==> flow/design.v <==
module mag_cmp #(
    parameter DW = 112
) (
    input  logic CLK,
    input  logic [DW-1:0] i_first,
    input  logic [DW-1:0] i_second,
    output logic o_lt,
    output logic o_a_eq_b,
    output logic o_greater
);
    logic [DW-1:0] first_s;
    logic [DW-1:0] second_s;
    always_ff @(posedge CLK) begin
        first_s <= i_first;
        second_s <= i_second;
    end
    localparam HW = DW / 2;
    logic lt_hi_s;
    logic eq_hi_s;
    logic lt_lo_s;
    logic eq_lo_s;
    logic lt_s;
    always_ff @(posedge CLK) begin
        lt_hi_s <= (first_s[DW-1:HW] < second_s[DW-1:HW]);
        eq_hi_s <= (first_s[DW-1:HW] == second_s[DW-1:HW]);
        lt_lo_s <= (first_s[HW-1:0] < second_s[HW-1:0]);
        eq_lo_s <= (first_s[HW-1:0] == second_s[HW-1:0]);
        lt_s <= lt_hi_s | (eq_hi_s & lt_lo_s);
    end
    assign o_lt = lt_s;
    logic a_eq_b_s;
    always_ff @(posedge CLK)
        a_eq_b_s <= eq_hi_s & eq_lo_s;
    assign o_a_eq_b = a_eq_b_s;
    logic greater_s;
    always_ff @(posedge CLK)
        greater_s <= ~(lt_hi_s | (eq_hi_s & (lt_lo_s | eq_lo_s)));
    assign o_greater = greater_s;
endmodule
* From RTL to reports: mag_cmp *
Tool output for the design above, in the order of the flow.
Lines are those of the file above, counted from 1.
Cell names lack the library's common part.
The mark -- stands for no value.

design
  design top = mag_cmp
  clock = CLK
  cell library = sky130hd
  library corner = tt_025C_1v80

* Elaborated design *
Counts by Yosys on the flattened word-level netlist (proc, flatten, opt, wreduce; memories kept). Register bits leave out memories and registers merged into their read ports (data or address); mux counts leave out enables and synchronous resets folded into registers. Print and check cells are left out. Cells with the same type and inputs are merged into one.

bit counts
  output and inout bits = 3
  register bits after elaboration = 231
  elaborated cells = 20
  bits of input ports = 225

cells by class
  eq/ne operators = 2
  bitwise logic cells = 7
  order comparisons = 2

operators with widths
  kind                         count
  56-bit less-than comparator  2
  56-bit == test               2
  1-bit bitwise AND            3
  1-bit OR                     3
  1-bit inverter               1

* Longest topological paths *
Yosys ltp: most cells in a row. Word level: on the elaborated netlist, between registers, memories and ports. Mapped: between sequential cells and ports; inverters and the memories' decode and read muxes count.

depth
  depth in word-level cells = 4
  ABC_AREA = 0
  mapped depth = 8

* Synthesis result *
The flow's flattened synthesis, as Yosys stat reports it; memories are mapped. The netlist is that of the ABC_AREA named above (0 if unset); the other value can give another one.

synthesis totals
  cells in the netlist = 635
  flip-flop cells = 231
  buffer cells = 0
  sequential part of the area = 4624.4 µm²
  cell area after synthesis = 7517.2 µm²

cells by type
  cell      count  area in all (µm²)
  dfxtp_1   231    4.62E+03
  ha_1      112    1.4E+03
  inv_1     119    446.678
  a21oi_1   45     225.216
  nand4_1   21     131.376
  nand2_1   22     82.579
  a21o_1    10     75.072
  nand3_1   14     70.067
  nand4_2   5      62.56
  a221oi_1  5      43.792
  a211oi_1  4      30.029
  o21ai_1   6      30.029
  o221ai_1  3      26.275
  nor3_1    5      25.024
  o21a_1    3      22.522
  nor4_4    1      21.27
  nor4_1    3      18.768
  o211ai_1  2      15.014

Other cell types: 16; their cells: 24.

* Path before layout *
Path of least setup slack by OpenSTA after synthesis, without wires, with an ideal clock, recovery checks aside; 20% of the period is set as input and as output delay. Where synthesis merged equal registers, the netlist keeps one of their names.

timing path after synthesis
  path type = reg-to-reg
  start point = reg second_s[111]
  end point = reg lt_hi_s
  time at the first pin = 0 ps
  data arrival time = 1725 ps
  stages = 9
  delay of the path = 1858 ps
  setup slack = 463 ps
  buffers on the path = 0
  clock period = 2320 ps
  data required time = 2187 ps
  period reached after synthesis = 1857 ps

"delay of the path" is the arrival time less input delay plus setup time.
"stages": output pins that drive a net of the path, with the launching flip-flop's if there is one; two outputs of one cell count as two.
"period reached after synthesis" is the clock period less the worst setup slack; recovery checks do not enter. This is arithmetic on one report: input and output delays are still those of the set period (20% each).
Between the ends stands the longest chain of elaborated cells between them, by number of cells; it is not shown to be the way that was timed. Of several equally long chains one is given.
Each line given opens the expression or statement behind the cell; cells for indexed reads and writes are added by Yosys, which also makes memories of some case tables.

on the way, after synthesis
  cell sequence = dfxtp_1 inv_1 ha_1 nand4_2 nor4_2 nand4_1 or3_1 o221ai_1 a211oi_1
  length of the longest elaborated chain = 1
  elaborated cells between the ends (all ways) = 1
  source lines of those cells = 1
  those cells by class = compare (1)

RTL lines, path after synthesis
  what                         RTL line  source
  start: declaration           12        logic [DW-1:0] second_s;
  start: assignment            15        second_s <= i_second;
  56-bit less-than comparator  24        lt_hi_s <= (first_s[DW-1:HW] < second_s[DW-1:HW]);
  end: assignment              24
  end: declaration             18        logic lt_hi_s;

* Worst path after layout *
Path of least setup slack in the final report of run 1 (OpenROAD, finished layout, wires in). Where an end is a register, its clock arrival counts in the times.
The report prints the path's times to 10 ps; the period is as set.

timing path after layout
  path type = reg-to-reg
  start point = reg second_s[109]
  end point = reg lt_hi_s
  time at the first pin = 490 ps
  buffers on the path = 0
  stages = 9
  clock period = 2320 ps
  data required time = 2690 ps
  setup slack = 230 ps
  data arrival time = 2460 ps

Between the ends stands the longest chain of elaborated cells between them, by number of cells; it is not shown to be the way that was timed. Of several equally long chains one is given.

on the way, after layout
  cell sequence = dfxtp_1 inv_1 ha_1 nand4_2 nor4_2 nand4_1 or3_1 o221ai_1 a211oi_1
  length of the longest elaborated chain = 1
  elaborated cells between the ends (all ways) = 1
  source lines of those cells = 1
  those cells by class = compare (1)

RTL lines, path after layout
  what                         RTL line  source
  start: declaration           12        logic [DW-1:0] second_s;
  start: assignment            15        second_s <= i_second;
  56-bit less-than comparator  24        lt_hi_s <= (first_s[DW-1:HW] < second_s[DW-1:HW]);
  end: assignment              24
  end: declaration             18        logic lt_hi_s;

Settings and measured results of 3 stored flow runs for module mag_cmp (sky130hd), not sorted in any way. The constraints put input and output delay at 20% of the set period each and load the outputs with 0.01 pF.
By "clock period reached" is meant the clock period of the run minus its worst setup slack. This is arithmetic on one report: input and output delays are still those of the set period (20% each).
By "critical setup path time" is meant the share of the clock period that the worst setup path is allowed (20% is reserved at inputs, 20% at outputs), minus its slack. Clock arrival times at its registers enter into it.
By "power consumption" is meant OpenSTA's value without simulated activity: inputs other than the clock are taken to toggle once in ten clock periods, and the tool carries that through the logic.
"critical setup path time" is given in steps of 10 ps.
A setting shown as - is not set for that run.
Results: - = not shown.

setting or result                             run 1       run 2       run 3
period_ns                                     2.32        2.44        2.92
CAP_MARGIN                                    20          25          20
CORE_MARGIN                                   2           2           6
CORE_UTILIZATION                              40          34          68
SLEW_MARGIN                                   20          35          35
SETUP_SLACK_MARGIN                            -           0.6         -
PLACE_DENSITY_LB_ADDON                        -           0.15        0.18
GPL_TIMING_DRIVEN                             -           1           -
GPL_ROUTABILITY_DRIVEN                        -           1           -
CTS_CLUSTER_SIZE                              -           22          -
CTS_CLUSTER_DIAMETER                          -           221         -
ABC_AREA                                      -           -           1
synthesized cell area (µm²)                   7517.2      7517.2      -
full die area (µm²)                           19905.0     23314.2     -
standard-cell area of the final layout (µm²)  10845.4     10993.0     -
utilization after routing (%)                 58.4        50.5        -
worst slack on setup checks (ps)              227         446         -
post-route setup TNS (ps)                     0           0           -
worst-case hold slack (ps)                    384         442         -
power consumption (mW)                        8.671       7.240       -
clock period reached (ps)                     2093        1994        -
critical setup path time (ps)                 2090        1990        -
worst setup path type                         reg-to-reg  reg-to-reg  -

Run 3: no results, clock tree synthesis failed with DPL-0033
